==> flow/design.v <==
module my_add_unit_n #(
  parameter NBITS = 10,
  parameter NUM = 3,
  parameter RES_W = NBITS + $clog2(NUM)
) (
  input  logic core_clk,
  input  logic i_rst_n,
  input  logic [NUM*NBITS-1:0] d_i,
  output logic [RES_W-1:0] sum_o
);
  logic [NUM*NBITS-1:0] d_s;
  always_ff @(posedge core_clk) begin
    if (~i_rst_n) begin
      d_s <= 0;
    end else begin
      d_s <= d_i;
    end
  end
  logic [RES_W-1:0] t;
  always_comb begin
    t = 0;
    for (int k = 0; k < NUM; k++)
      t = t + d_s[k*NBITS +: NBITS];
  end
  always_ff @(posedge core_clk) begin
    if (~i_rst_n) begin
      sum_o <= 0;
    end else begin
      sum_o <= t;
    end
  end
endmodule
Ticket comment

Reports on my_add_unit_n

Tool output for the members of one design family, told apart by "NUM", in the order of the flow.
The file above is the member NUM = 3. Line numbers count from 1 in each member's own file.
Operators carry their Yosys type and port widths (W data, S select, Z words).
Library cell names are shortened.
A cell with -- has no value.

Top module: my_add_unit_n
Clock input: core_clk
Standard-cell library: sky130hd
Library corner: tt_025C_1v80

Source of the members

New or changed lines of each further member against the RTL above, in its own file; lines it lacks are not shown.

Lines new or changed:

| NUM | RTL line | text |
| 16  | 3        | `parameter NUM = 16,` |
| 20  | 3        | `parameter NUM = 20,` |

Elaborated design

Counts by Yosys on the flattened word-level netlist (proc, flatten, opt, wreduce; memories kept). Register bits leave out memories and registers merged into their read ports (data or address); mux counts leave out enables and synchronous resets folded into registers. Print and check cells are left out. Cells with the same type and inputs are merged into one.

Bit counts:

| NUM | flip-flop bits (word level) | bits of input ports | output and inout bits | word-level cells |
| 3   | 42                          | 32                  | 12                    | 4 |
| 16  | 174                         | 162                 | 14                    | 17 |
| 20  | 215                         | 202                 | 15                    | 21 |

Operators by class:

| NUM | $add $sub $neg |
| 3   | 2 |
| 16  | 15 |
| 20  | 19 |

Operators with widths:

| NUM | kinds with counts |
| 3   | $add A11 B10 Y12 (1); $add A10 B10 Y11 (1) |
| 16  | $add A14 B10 Y14 (11); $add A13 B10 Y14 (1); $add A12 B10 Y13 (1); $add A11 B10 Y12 (1); $add A10 B10 Y11 (1) |
| 20  | $add A15 B10 Y15 (14); $add A14 B10 Y15 (1); $add A13 B10 Y14 (1); $add A12 B10 Y13 (1); $add A11 B10 Y12 (1); $add A10 B10 Y11 (1) |

Logic depth

Depth = most cells in a row (Yosys ltp): at word level without a register or memory, in the mapped netlist without a sequential cell, where the memories' decode and read muxes count.

Depth:

| NUM | depth after elaboration | ABC_AREA | mapped depth | gate-level depth less buffers |
| 3   | 2                       | 0        | 11           | 11 |
| 16  | 15                      | 0        | 19           | 19 |
| 20  | 19                      | 0        | 21           | 21 |

Mapped cells and area

Source: synth_stat.txt of the flow (Yosys; design flattened, memories mapped). It holds for the ABC_AREA given above (unset counts as 0); a run with the other value may have another netlist.
The area totals of this step are shown rounded.

Mapped netlist:

| NUM | standard cells after synthesis | synthesis area (um^2) | sequential area (um^2) | mapped flip-flops | buffers |
| 3   | 159                            | 1700                  | 840                    | 42                | 4 |
| 16  | 762                            | 8700                  | 3500                   | 174               | 19 |
| 20  | 1007                           | 11000                 | 4300                   | 215               | 23 |

Cells by type:

| NUM | types with counts |
| 3   | dfxtp_1 (42); fa_1 (11); and2_1 (31); ha_1 (9); inv_1 (14); nor2_1 (9); o21a_1 (4); o21ai_0 (6); xor2_1 (3); a211oi_1 (3); a21oi_1 (4); mux2i_1 (2); o32ai_2 (1); a21o_1 (2); nand2_1 (4); nor2b_4 (1); o22ai_1 (2); or3_1 (2); (+9) |
| 16  | dfxtp_1 (174); fa_1 (136); and2_1 (169); inv_1 (189); ha_1 (23); clkbuf_1 (19); xnor2_1 (4); mux2i_1 (3); a211oi_2 (2); nand2b_1 (4); a21oi_1 (4); a211oi_1 (2); a311oi_2 (1); nand2_1 (4); nor4b_2 (1); o21a_1 (2); o21ai_0 (3); o21ai_1 (3); (+19) |
| 20  | dfxtp_1 (215); fa_1 (174); and2_1 (203); inv_1 (285); ha_1 (32); clkbuf_1 (21); a21oi_1 (11); a21o_1 (7); nand2_1 (11); nor2_1 (7); xor2_1 (3); o211ai_2 (2); a31oi_4 (1); mux2i_1 (2); o21ai_1 (4); a21o_2 (2); nand3_1 (3); nor3b_1 (2); (+22) |

A list marked (+n) leaves out that many cells.

Timing after synthesis

Source: OpenSTA report_checks on the synthesized netlist (no wires, ideal clock, input and output delay 20% of the period each), path of least setup slack; recovery checks are left aside. Register names are those of the netlist, which keeps one name where synthesis merged equal registers.

Path after synthesis:

| NUM | kind                 | start             | end                | period (ns) | slack (ns) | stages | delay of the path (ns) | period reached after synthesis (ns) |
| 3   | register to register | register d_s[1]   | register sum_o[9]  | 2.69        | 0.536      | 10     | 2.155                  | 2.154 |
| 16  | register to register | register d_s[122] | register sum_o[8]  | 6.22        | 1.246      | 18     | 4.974                  | 4.974 |
| 20  | register to register | register d_s[127] | register sum_o[12] | 6.61        | 1.319      | 20     | 5.291                  | 5.291 |

"delay of the path" is the arrival time less input delay plus setup time.
"stages" counts driving pins, that of a launching flip-flop among them; a cell with two outputs on the path counts twice.
"period reached after synthesis" = period - worst setup slack (recovery checks aside). The figure is calculated, with input and output delays left at 20% of the set period.
The rows between start and end are the longest chain of elaborated cells between them; the timing report does not say that the signal goes this way. Where chains are equally long, one stands for them.
A line is the first line of the expression or statement that the cell stems from. Yosys adds cells for indexed reads and writes and turns some case tables into memories.

On the way, after synthesis, NUM = 3:
Cells in the longest elaborated chain: 2

RTL lines, path after synthesis, NUM = 3:

| what             | RTL line | text |
| from (decl)      | 11       | `logic [NUM*NBITS-1:0] d_s;` |
| from (assign)    | 14       | `d_s <= 0;` |
| from (assign)    | 16       | `d_s <= d_i;` |
| $add A10 B10 Y11 | 23       | `t = t + d_s[k*NBITS +: NBITS];` |
| $add A11 B10 Y12 | 23       |  |
| to (assign)      | 27       | `sum_o <= 0;` |
| to (assign)      | 29       | `sum_o <= t;` |
| to (decl)        | 9        | `output logic [RES_W-1:0] sum_o` |

On the way, after synthesis, NUM = 20:
Cells in the longest elaborated chain: 8

RTL lines, path after synthesis, NUM = 20:

| what                          | RTL line | text |
| from (decl)                   | 11       | `logic [NUM*NBITS-1:0] d_s;` |
| from (assign)                 | 14       | `d_s <= 0;` |
| from (assign)                 | 16       | `d_s <= d_i;` |
| $add A15 B10 Y15 (8 in a row) | 23       | `t = t + d_s[k*NBITS +: NBITS];` |
| to (assign)                   | 27       | `sum_o <= 0;` |
| to (assign)                   | 29       | `sum_o <= t;` |
| to (decl)                     | 9        | `output logic [RES_W-1:0] sum_o` |

Timing after layout

From the final timing report of each member's run: the path of least setup slack in the routed layout; clock arrival at registers is part of the times.

Path after layout:

| NUM | kind                 | start             | end                | period (ns) | slack (ns) | stages | arrival time (ns) | buffers on the path |
| 3   | register to register | register d_s[2]   | register sum_o[10] | 2.69        | 0.37       | 8      | 2.50              | 0 |
| 16  | register to register | register d_s[122] | register sum_o[12] | 6.22        | 1.03       | 17     | 5.55              | 0 |
| 20  | register to register | register d_s[127] | register sum_o[12] | 6.61        | 1.10       | 20     | 5.96              | 0 |

Layout results

One run of the flow (Yosys, OpenROAD) for each member, with settings and measured results. Input and output delays are each 20% of the period that was set; the output load is 0.01 pF.

CAP_MARGIN: 20
CORE_MARGIN: 2
CORE_UTILIZATION: 40
SLEW_MARGIN: 20

Settings that differ:

| NUM | period_ns |
| 3   | 2.69 |
| 16  | 6.22 |
| 20  | 6.61 |

Final reports:

| NUM | Yosys chip area after synthesis (um^2) | total die area (um^2) | standard-cell area after layout (um^2) | post-route utilization (%) | worst setup slack after layout (ns) | setup total negative slack (ns) | smallest hold slack (ns) | achieved period (ns) |
| 3   | 1700                                   | 4900                  | 2300                                   | 57                         | 0.37                                | 0.000                           | 0.61                     | 2.324 |
| 16  | 8700                                   | 23000                 | 11000                                  | 53                         | 1.0                                 | 0.000                           | 0.57                     | 5.194 |
| 20  | 11000                                  | 29000                 | 14000                                  | 52                         | 1.1                                 | 0.000                           | 0.58                     | 5.511 |

"achieved period": clock period set for the run, less the worst setup slack. It is reckoned from that one timing run; input and output delays stay at 20% of the period that was set.
The results are shown rounded.
